==> flow/design.v <==
module as_core_v2 (core_clk, RSTN, ce, in_u, in_v, out_delta);
  parameter integer DATA_W = 28;
  input core_clk;
  input RSTN;
  input ce;
  input [DATA_W-1:0] in_u;
  input [DATA_W-1:0] in_v;
  output reg [DATA_W-1:0] out_delta;
  reg [DATA_W-1:0] u_d1;
  reg [DATA_W-1:0] v_d1;
  reg [DATA_W:0] cur_d1;
  always @(posedge core_clk) begin
    if (~RSTN) begin
      u_d1 <= 0;
      v_d1 <= 0;
      cur_d1 <= 0;
      out_delta <= 0;
    end else if (ce) begin
      u_d1 <= in_u;
      v_d1 <= in_v;
      cur_d1 <= {1'b0, u_d1} - {1'b0, v_d1};
      out_delta <= cur_d1[DATA_W] ? -cur_d1[DATA_W-1:0] : cur_d1[DATA_W-1:0];
    end
  end
endmodule
From RTL to reports: as_core_v2
What the tools print for as_core_v2, step after step.
Line numbers count from 1 in the design file above.
Library cell names are shortened.
{"block": "inputs", "top": "as_core_v2", "clk_port": "core_clk", "cell_library": "sky130hd", "pvt_corner": "tt_025C_1v80"}

After elaboration
Counts by Yosys on the flattened word-level netlist (proc, flatten, opt, wreduce; memories kept). Register bits leave out memories and registers merged into their read ports (data or address); mux counts leave out enables and synchronous resets folded into registers. Print and check cells are left out. Cells with the same type and inputs are merged into one.
{"block": "word_totals", "regBits": 113}
{"block": "op_classes", "n_addsub": 2, "muxes": 1}
{"block": "ops", "op": "subtractor 28 x 28 -> 29 bit", "count": 1}
{"block": "ops", "op": "negator 28 bit", "count": 1}
{"block": "ops", "op": "two-way mux 28 bit", "count": 1}

Logic depth
Yosys ltp: most cells in a row. Word level: on the elaborated netlist, between registers, memories and ports. Mapped: between sequential cells and ports; inverters and the memories' decode and read muxes count.
{"block": "depth", "depth_word": 2, "ABC_AREA": 0, "depth_mapped": 10, "ltp_nobuf": 10}

Mapped cells and area
The flow's flattened synthesis, as Yosys stat reports it; memories are mapped. The netlist is that of the ABC_AREA named above (0 if unset); the other value can give another one.
The area totals of this step are shown rounded.
{"block": "types", "cell_type": "dfxtp_1", "count": 113, "type_area_um2": 2262.17}
{"block": "types", "cell_type": "mux2i_1", "count": 73, "type_area_um2": 730.701}
{"block": "types", "cell_type": "nor2b_1", "count": 81, "type_area_um2": 506.736}
{"block": "types", "cell_type": "ha_1", "count": 29, "type_area_um2": 362.848}
{"block": "types", "cell_type": "nand2_1", "count": 60, "type_area_um2": 225.216}
{"block": "types", "cell_type": "xor2_1", "count": 24, "type_area_um2": 210.202}
{"block": "types", "cell_type": "o21ai_0", "count": 37, "type_area_um2": 185.178}
{"block": "types", "cell_type": "a21oi_1", "count": 32, "type_area_um2": 160.154}
{"block": "types", "cell_type": "xnor2_1", "count": 17, "type_area_um2": 148.893}
{"block": "types", "cell_type": "inv_1", "count": 38, "type_area_um2": 142.637}
{"block": "types", "cell_type": "o211a_1", "count": 13, "type_area_um2": 130.125}
{"block": "types", "cell_type": "clkbuf_1", "count": 33, "type_area_um2": 123.869}
{"block": "types", "cell_type": "nand3b_1", "count": 9, "type_area_um2": 67.565}
{"block": "types", "cell_type": "a21o_1", "count": 8, "type_area_um2": 60.058}
{"block": "types", "cell_type": "nand3_1", "count": 12, "type_area_um2": 60.058}
{"block": "types", "cell_type": "a31oi_1", "count": 9, "type_area_um2": 56.304}
{"block": "types", "cell_type": "nor2_1", "count": 15, "type_area_um2": 56.304}
{"block": "types", "cell_type": "nand4_1", "count": 7, "type_area_um2": 43.792}
Other cell types: 43; their cells: 100.
{"block": "mapped", "ffs": 113, "n_buf": 40, "stdcells": 710, "seqArea_um2": 2260, "area_um2": 6330}

Path before layout
Path of least setup slack by OpenSTA after synthesis, without wires, with an ideal clock, recovery checks aside; 20% of the period is set as input and as output delay. Where synthesis merged equal registers, the netlist keeps one of their names.
{"block": "synth_path", "path_type": "register to register", "start": "register u_d1[0]", "end": "register cur_d1[28]", "setup_time_ns": 0.141, "period_ns": 2.88, "path_stages": 11, "required_time_ns": 2.739, "arrival_time_ns": 2.163, "launch_ns": 0.000, "delay_ns": 2.304, "path_slack_ns": 0.577, "n_path_buf": 0, "period_less_setup_slack_ns": 2.303}
"delay_ns" = arrival - input delay + setup time.
"path_stages" counts driving pins, that of a launching flip-flop among them; a cell with two outputs on the path counts twice.
"period_less_setup_slack_ns" is the clock period less the worst setup slack; recovery checks do not enter. This is arithmetic on one report: input and output delays are still those of the set period (20% each).
Between the ends stands the longest chain of elaborated cells between them, by number of cells; it is not shown to be the way that was timed. Of several equally long chains one is given.
A line is the first line of the expression or statement that the cell stems from. Yosys adds cells for indexed reads and writes and turns some case tables into memories.
{"block": "synth_via", "cell_sequence": "dfxtp_1 -> inv_1 -> ha_1 -> fa_1 -> nor2b_1 -> o2111ai_1 -> a211o_1 -> a211oi_1 -> o21ai_0 -> o21ai_0 -> o311ai_0", "elab_chain_len": 1, "cone_cells": 1, "lines_between": 1}
{"block": "synth_lines", "item": "start: declaration", "line_no": 9, "rtl": "reg [DATA_W-1:0] u_d1;"}
{"block": "synth_lines", "item": "start: assignment", "line_no": 14, "rtl": "u_d1 <= 0;"}
{"block": "synth_lines", "item": "start: assignment", "line_no": 19, "rtl": "u_d1 <= in_u;"}
{"block": "synth_lines", "item": "subtractor 28 x 28 -> 29 bit", "line_no": 21, "rtl": "cur_d1 <= {1'b0, u_d1} - {1'b0, v_d1};"}
{"block": "synth_lines", "item": "end: assignment", "line_no": 16, "rtl": "cur_d1 <= 0;"}
{"block": "synth_lines", "item": "end: assignment", "line_no": 21}
{"block": "synth_lines", "item": "end: declaration", "line_no": 11, "rtl": "reg [DATA_W:0] cur_d1;"}

Timing after layout
Path of least setup slack in the final report of stored run 1 (OpenROAD, finished layout, wires in). Where an end is a register, its clock arrival counts in the times.
{"block": "layout_path", "path_type": "register to register", "start": "register u_d1[0]", "end": "register cur_d1[28]", "period_ns": 2.88, "path_stages": 11, "path_slack_ns": 0.26, "setup_time_ns": 0.13, "launch_ns": 0.41, "arrival_time_ns": 2.90, "required_time_ns": 3.16, "n_path_buf": 0}
Between the ends stands the longest chain of elaborated cells between them, by number of cells; it is not shown to be the way that was timed. Of several equally long chains one is given.
{"block": "layout_via", "cell_sequence": "dfxtp_1 -> inv_1 -> ha_1 -> fa_1 -> nor2b_1 -> o2111ai_1 -> a211o_1 -> a211oi_1 -> o21ai_0 -> o21ai_0 -> o311ai_0", "elab_chain_len": 1, "cone_cells": 1, "lines_between": 1}
{"block": "layout_lines", "item": "start: declaration", "line_no": 9, "rtl": "reg [DATA_W-1:0] u_d1;"}
{"block": "layout_lines", "item": "start: assignment", "line_no": 14, "rtl": "u_d1 <= 0;"}
{"block": "layout_lines", "item": "start: assignment", "line_no": 19, "rtl": "u_d1 <= in_u;"}
{"block": "layout_lines", "item": "subtractor 28 x 28 -> 29 bit", "line_no": 21, "rtl": "cur_d1 <= {1'b0, u_d1} - {1'b0, v_d1};"}
{"block": "layout_lines", "item": "end: assignment", "line_no": 16, "rtl": "cur_d1 <= 0;"}
{"block": "layout_lines", "item": "end: assignment", "line_no": 21}
{"block": "layout_lines", "item": "end: declaration", "line_no": 11, "rtl": "reg [DATA_W:0] cur_d1;"}

--- measured runs ---
as_core_v2 through Yosys and OpenROAD on sky130hd: 3 stored runs, unordered, with their settings and measured results. The constraints put input and output delay at 20% of the set period each and load the outputs with 0.01 pF.
"period_less_ws_ns" means the clock period less the worst setup slack. The figure is calculated, with input and output delays left at 20% of the set period.
By "worst_setup_path_time_ns" is meant the share of the clock period that the worst setup path is allowed (20% is reserved at inputs, 20% at outputs), minus its slack. Clock arrival times at its registers enter into it.
"power.total_uw" rests on the timing tool's default activity at the inputs, not on a simulated workload.
The results are shown rounded.

{"run": "stored run 1", "settings": { "period_ns": 2.88, "CAP_MARGIN": 20, "CORE_MARGIN": 2, "CORE_UTILIZATION": 40, "SLEW_MARGIN": 20 }, "results": { "period_less_ws_ns": 2.617, "power.total_uw": 5220, "final_util_pct": 50.8, "fin_tns_ns": 0.000, "die_um2": 16900, "worstSetupSlack_ns": 0.263, "worst_setup_path_time_ns": 2.62, "worst_path_kind": "register to register", "synth_chip_area_um2": 6330, "finish.stdcell_area_um2": 7960, "hold_worst_slack_ns": 0.476 }}
{"run": "stored run 2", "settings": { "period_ns": 1.46, "CORE_UTILIZATION": 72, "SETUP_SLACK_MARGIN": 0.35, "PLACE_DENSITY": 0.75, "HOLD_SLACK_MARGIN": 0.29, "CELL_PAD_IN_SITES_GLOBAL_PLACEMENT": 0, "CELL_PAD_IN_SITES_DETAIL_PLACEMENT": 0, "TNS_END_PERCENT": 65, "GPL_ROUTABILITY_DRIVEN": 0, "CTS_CLUSTER_SIZE": 95, "CAP_MARGIN": 20, "CORE_MARGIN": 2, "SLEW_MARGIN": 20 }, "outcome": "stopped before the end: placement reported DPL-0033"}
{"run": "stored run 3", "settings": { "period_ns": 2.97, "CORE_UTILIZATION": 55, "SETUP_SLACK_MARGIN": 0.53, "PLACE_DENSITY": 0.48, "CORE_MARGIN": 9, "GPL_TIMING_DRIVEN": 1, "CTS_CLUSTER_SIZE": 89, "MIN_ROUTING_LAYER": "met1", "MAX_ROUTING_LAYER": "met4", "CAP_MARGIN": 20, "SLEW_MARGIN": 20 }, "results": { "synth_chip_area_um2": 6330, "fin_tns_ns": 0.000, "final_util_pct": 72.4, "worst_setup_path_time_ns": 2.44, "worst_path_kind": "register to register", "hold_worst_slack_ns": 0.474, "finish.stdcell_area_um2": 7990, "worstSetupSlack_ns": 0.534, "period_less_ws_ns": 2.436, "power.total_uw": 5080, "die_um2": 15700 }}
--- end ---
